==> flow/design.v <==
module alu_mux_mod #(
  parameter XLEN = 1,
  parameter N = 48,
  parameter LG = $clog2(N)
) (
  input wire i_clk,
  input wire aresetn,
  input wire adv,
  input wire [N*XLEN-1:0] din,
  input wire [LG-1:0] sel,
  output reg [XLEN-1:0] result
);
  reg [N*XLEN-1:0] din_r;
  reg [LG-1:0] sel_r;
  wire [XLEN-1:0] opt [0:N-1];
  genvar gi;
  generate
    for (gi = 0; gi < N; gi = gi + 1) begin : gen
      assign opt[gi] = din_r[gi*XLEN +: XLEN];
    end
  endgenerate
  always @(posedge i_clk or negedge aresetn) begin
    if (!aresetn) begin
      din_r <= 0;
      sel_r <= 0;
      result <= 0;
    end else if (adv) begin
      din_r <= din;
      sel_r <= sel;
      result <= opt[sel_r];
    end
  end
endmodule
# From RTL to reports: alu_mux_mod
# Tool output for the members of one design family, told apart by "XLEN", in the order of the flow.
# The file above is the member XLEN = 1. Line numbers count from 1 in each member's own file.
# Cell names lack the library's common part.
# A cell with n/a has no value.
[design] design="alu_mux_mod" clk_port="i_clk" library="sky130hd" corner="tt_025C_1v80"

# Members of the sweep
# Lines of each other member's file that are new or changed against the file above; lines that a member lacks are not shown.
[changed_lines] XLEN=4 line_no=2 text="parameter XLEN = 4,"
[changed_lines] XLEN=6 line_no=2 text="parameter XLEN = 6,"
[changed_lines] XLEN=8 line_no=2 text="parameter XLEN = 8,"

# Elaborated design
# Counts by Yosys on the flattened word-level netlist (proc, flatten, opt, wreduce). Print and check cells are left out. Cells with the same type and inputs are merged into one.
[word_totals] XLEN=1 mem_bits_ro=0 clocked_rd_ports_x_width=0 output_inout_bits=1 latch_bits=0 reg_bits=55 ram_bits=0 mem_count=0
[word_totals] XLEN=4 mem_bits_ro=0 clocked_rd_ports_x_width=0 output_inout_bits=4 latch_bits=0 reg_bits=202 ram_bits=0 mem_count=0
[word_totals] XLEN=6 mem_bits_ro=0 clocked_rd_ports_x_width=0 output_inout_bits=6 latch_bits=0 reg_bits=300 ram_bits=0 mem_count=0
[word_totals] XLEN=8 mem_bits_ro=0 clocked_rd_ports_x_width=0 output_inout_bits=8 latch_bits=0 reg_bits=398 ram_bits=0 mem_count=0
[classes] XLEN=1 n_mul=0 eq_ne=47 logic=0 shift=0 cmp=0 reduce_logical=1 n_mux=1 div=0 n_addsub=0
[classes] XLEN=4 n_mul=0 eq_ne=47 logic=0 shift=0 cmp=0 reduce_logical=1 n_mux=1 div=0 n_addsub=0
[classes] XLEN=6 n_mul=0 eq_ne=47 logic=0 shift=0 cmp=0 reduce_logical=1 n_mux=1 div=0 n_addsub=0
[classes] XLEN=8 n_mul=0 eq_ne=47 logic=0 shift=0 cmp=0 reduce_logical=1 n_mux=1 div=0 n_addsub=0
[op_table] XLEN=1 operators="6-bit by 5-bit equality test with 1-bit output (second input constant) (16); 6-bit equality test (second input constant) (16); 6-bit by 4-bit equality test with 1-bit output (second input constant) (8); 1-bit parallel mux with 48-bit select (1); 6-bit by 3-bit equality test with 1-bit output (second input constant) (4); 6-bit by 2-bit equality test with 1-bit output (second input constant) (2); 6-bit by 1-bit equality test with 1-bit output (second input constant) (1); 6-bit logical NOT (1)"
[op_table] XLEN=4 operators="4-bit parallel mux with 48-bit select (1); 6-bit by 5-bit equality test with 1-bit output (second input constant) (16); 6-bit equality test (second input constant) (16); 6-bit by 4-bit equality test with 1-bit output (second input constant) (8); 6-bit by 3-bit equality test with 1-bit output (second input constant) (4); 6-bit by 2-bit equality test with 1-bit output (second input constant) (2); 6-bit by 1-bit equality test with 1-bit output (second input constant) (1); 6-bit logical NOT (1)"
[op_table] XLEN=6 operators="6-bit parallel mux with 48-bit select (1); 6-bit by 5-bit equality test with 1-bit output (second input constant) (16); 6-bit equality test (second input constant) (16); 6-bit by 4-bit equality test with 1-bit output (second input constant) (8); 6-bit by 3-bit equality test with 1-bit output (second input constant) (4); 6-bit by 2-bit equality test with 1-bit output (second input constant) (2); 6-bit by 1-bit equality test with 1-bit output (second input constant) (1); 6-bit logical NOT (1)"
[op_table] XLEN=8 operators="8-bit parallel mux with 48-bit select (1); 6-bit by 5-bit equality test with 1-bit output (second input constant) (16); 6-bit equality test (second input constant) (16); 6-bit by 4-bit equality test with 1-bit output (second input constant) (8); 6-bit by 3-bit equality test with 1-bit output (second input constant) (4); 6-bit by 2-bit equality test with 1-bit output (second input constant) (2); 6-bit by 1-bit equality test with 1-bit output (second input constant) (1); 6-bit logical NOT (1)"

# Depth
# Longest topological path by Yosys (ltp), each cell counted once; first at word level (registers and memories cut), then after technology mapping (sequential cells cut; the memories' decode and read muxes count).
[depth] XLEN=1 ltp_word=2 ABC_AREA=0 depth_mapped=9
[depth] XLEN=4 ltp_word=2 ABC_AREA=0 depth_mapped=9
[depth] XLEN=6 ltp_word=2 ABC_AREA=0 depth_mapped=10
[depth] XLEN=8 ltp_word=2 ABC_AREA=0 depth_mapped=10

# Netlist
# The flow's flattened synthesis, as Yosys stat reports it; memories are mapped. The netlist is that of the ABC_AREA named above (0 if unset); the other value can give another one.
# The area totals of this step are shown rounded.
[types] XLEN=1 type_list="dfrtp_1 (55); mux2_2 (54); nand3b_1 (10); mux2i_1 (7); nand2_1 (12); buf_6 (3); a21oi_1 (5); o21ai_1 (5); buf_4 (3); mux2_1 (2); mux4_2 (1); buf_12 (1); a31oi_1 (3); bufbuf_8 (1); o32ai_1 (2); a2111oi_2 (1); a22oi_1 (2); buf_2 (3); (+40)"
[types] XLEN=4 type_list="dfrtp_1 (202); mux2_2 (212); nand3_1 (34); mux2i_1 (14); buf_2 (22); clkbuf_1 (29); a31oi_1 (17); a22oi_1 (14); a22o_1 (10); o21ai_0 (17); a32oi_1 (9); nor2b_1 (12); nand2_1 (17); nand4_1 (9); a21oi_1 (11); and3_1 (8); nand2b_1 (8); nor4_1 (8); (+87)"
[types] XLEN=6 type_list="dfrtp_1 (300); mux2_2 (305); nand3_1 (61); nand4_1 (29); clkbuf_1 (48); mux2i_1 (18); a32oi_1 (19); a22oi_1 (20); buf_6 (12); a22o_1 (15); buf_2 (22); nand2_1 (26); o21ai_0 (18); a31oi_1 (11); a21oi_1 (13); a32o_1 (6); o22ai_1 (9); and3_1 (8); (+121)"
[types] XLEN=8 type_list="dfrtp_1 (398); mux2_2 (398); a32oi_1 (52); mux2i_1 (31); a22oi_1 (32); clkbuf_1 (63); nand3_1 (33); a32o_1 (15); buf_2 (27); a31oi_1 (21); and3_1 (21); nand4_1 (19); nand2_1 (30); nor4_1 (17); nor3_1 (20); a21oi_1 (16); a22o_1 (8); nor2_1 (18); (+123)"
# A list marked (+n) leaves out that many cells.
[mapped] XLEN=1 cells=210 n_buf=18 area_um2=2698 flip_flops=55
[mapped] XLEN=4 cells=740 n_buf=59 area_um2=9493 flip_flops=202
[mapped] XLEN=6 cells=1061 n_buf=91 area_um2=13890 flip_flops=300
[mapped] XLEN=8 cells=1342 n_buf=102 area_um2=18010 flip_flops=398

# Worst setup path after synthesis
# Path of least setup slack by OpenSTA after synthesis, without wires, with an ideal clock, recovery checks aside; 20% of the period is set as input and as output delay. Where synthesis merged equal registers, the netlist keeps one of their names.
[synth_path] XLEN=1 kind="flip-flop to flip-flop" from="register sel_r[3]" to="register result" setup_slack_ns=0.453 stages=8 period_ns=2.26 delay_ns=1.807 synth_period_reached_ns=1.807
[synth_path] XLEN=4 kind="flip-flop to flip-flop" from="register sel_r[1]" to="register result[1]" setup_slack_ns=0.433 stages=8 period_ns=2.18 delay_ns=1.746 synth_period_reached_ns=1.747
[synth_path] XLEN=6 kind="flip-flop to flip-flop" from="register sel_r[3]" to="register result[0]" setup_slack_ns=0.515 stages=9 period_ns=2.58 delay_ns=2.065 synth_period_reached_ns=2.065
[synth_path] XLEN=8 kind="flip-flop to flip-flop" from="register sel_r[1]" to="register result[1]" setup_slack_ns=0.527 stages=9 period_ns=2.62 delay_ns=2.094 synth_period_reached_ns=2.093
# "delay_ns" is the arrival time less input delay plus setup time.
# "stages": output pins that drive a net of the path, with the launching flip-flop's if there is one; two outputs of one cell count as two.
# "synth_period_reached_ns" = period - worst setup slack (recovery checks aside). The figure is calculated, with input and output delays left at 20% of the set period.
# The rows between start and end are the longest chain of elaborated cells between them; the timing report does not say that the signal goes this way. Where chains are equally long, one stands for them.
# A line is the first line of the expression or statement that the cell stems from. Yosys adds cells for indexed reads and writes and turns some case tables into memories.
[synth_between_XLEN_1] elab_chain_len=2
[synth_rtl_XLEN_1] element="from (decl)" line_no=14 text="reg [LG-1:0] sel_r;"
[synth_rtl_XLEN_1] element="from (assign)" line_no=25 text="sel_r <= 0;"
[synth_rtl_XLEN_1] element="from (assign)" line_no=29 text="sel_r <= sel;"
[synth_rtl_XLEN_1] element="6-bit equality test" line_no=30 text="result <= opt[sel_r];"
[synth_rtl_XLEN_1] element="1-bit parallel mux with 48-bit select" line_no=30
[synth_rtl_XLEN_1] element="to (assign)" line_no=26 text="result <= 0;"
[synth_rtl_XLEN_1] element="to (assign)" line_no=30
[synth_rtl_XLEN_1] element="to (decl)" line_no=11 text="output reg [XLEN-1:0] result"
[synth_between_XLEN_8] elab_chain_len=2
[synth_rtl_XLEN_8] element="from (decl)" line_no=14 text="reg [LG-1:0] sel_r;"
[synth_rtl_XLEN_8] element="from (assign)" line_no=25 text="sel_r <= 0;"
[synth_rtl_XLEN_8] element="from (assign)" line_no=29 text="sel_r <= sel;"
[synth_rtl_XLEN_8] element="6-bit equality test" line_no=30 text="result <= opt[sel_r];"
[synth_rtl_XLEN_8] element="8-bit parallel mux with 48-bit select" line_no=30
[synth_rtl_XLEN_8] element="to (assign)" line_no=26 text="result <= 0;"
[synth_rtl_XLEN_8] element="to (assign)" line_no=30
[synth_rtl_XLEN_8] element="to (decl)" line_no=11 text="output reg [XLEN-1:0] result"

# Worst path after layout
# Path of least setup slack in the final report of each member's run (OpenROAD, finished layout, wires in). Where an end is a register, its clock arrival counts in the times.
[layout_path] XLEN=1 kind="flip-flop to flip-flop" from="register sel_r[1]" to="register result" period_ns=2.26 setup_slack_ns=0.30 t_arrival_ns=2.14 stages=7
[layout_path] XLEN=4 kind="flip-flop to flip-flop" from="register sel_r[2]" to="register result[2]" period_ns=2.18 setup_slack_ns=0.06 t_arrival_ns=2.51 stages=9
[layout_path] XLEN=6 kind="flip-flop to flip-flop" from="register sel_r[1]" to="register result[2]" period_ns=2.58 setup_slack_ns=0.11 t_arrival_ns=2.91 stages=9
[layout_path] XLEN=8 kind="flip-flop to flip-flop" from="register sel_r[5]" to="register result[7]" period_ns=2.62 setup_slack_ns=0.04 t_arrival_ns=3.05 stages=8

# Flow runs
# Settings and results of one run of the flow (Yosys, OpenROAD) for each member follow. The constraints put input and output delay at 20% of the set period each and load the outputs with 0.01 pF.
[settings] CAP_MARGIN=20 CORE_MARGIN=2 CORE_UTILIZATION=40 SLEW_MARGIN=20
[settings_diff] XLEN=1 period_ns=2.26
[settings_diff] XLEN=4 period_ns=2.18
[settings_diff] XLEN=6 period_ns=2.58
[settings_diff] XLEN=8 period_ns=2.62
[measured] XLEN=1 worstSetupSlack_ns=0.296 setupTns_ns=0.000 synthArea_um2=2698 utilization_pct=53.8 final_stdcell_area_um2=3458 die_area_um2=7417 design_power_mw=2.272 achieved_clock_period_ns=1.964
[measured] XLEN=4 worstSetupSlack_ns=0.058 setupTns_ns=0.000 synthArea_um2=9493 utilization_pct=55.6 final_stdcell_area_um2=13020 die_area_um2=24980 design_power_mw=10.10 achieved_clock_period_ns=2.122
[measured] XLEN=6 worstSetupSlack_ns=0.112 setupTns_ns=0.000 synthArea_um2=13890 utilization_pct=55.1 final_stdcell_area_um2=18950 die_area_um2=36240 design_power_mw=12.46 achieved_clock_period_ns=2.468
[measured] XLEN=8 worstSetupSlack_ns=0.036 setupTns_ns=0.000 synthArea_um2=18010 utilization_pct=56.2 final_stdcell_area_um2=24930 die_area_um2=46730 design_power_mw=16.43 achieved_clock_period_ns=2.584
# "achieved_clock_period_ns" = clock period - worst setup slack. The figure is calculated, with input and output delays left at 20% of the set period.
# "design_power_mw" rests on the timing tool's default activity at the inputs, not on a simulated workload.
# The measured numbers are rounded.
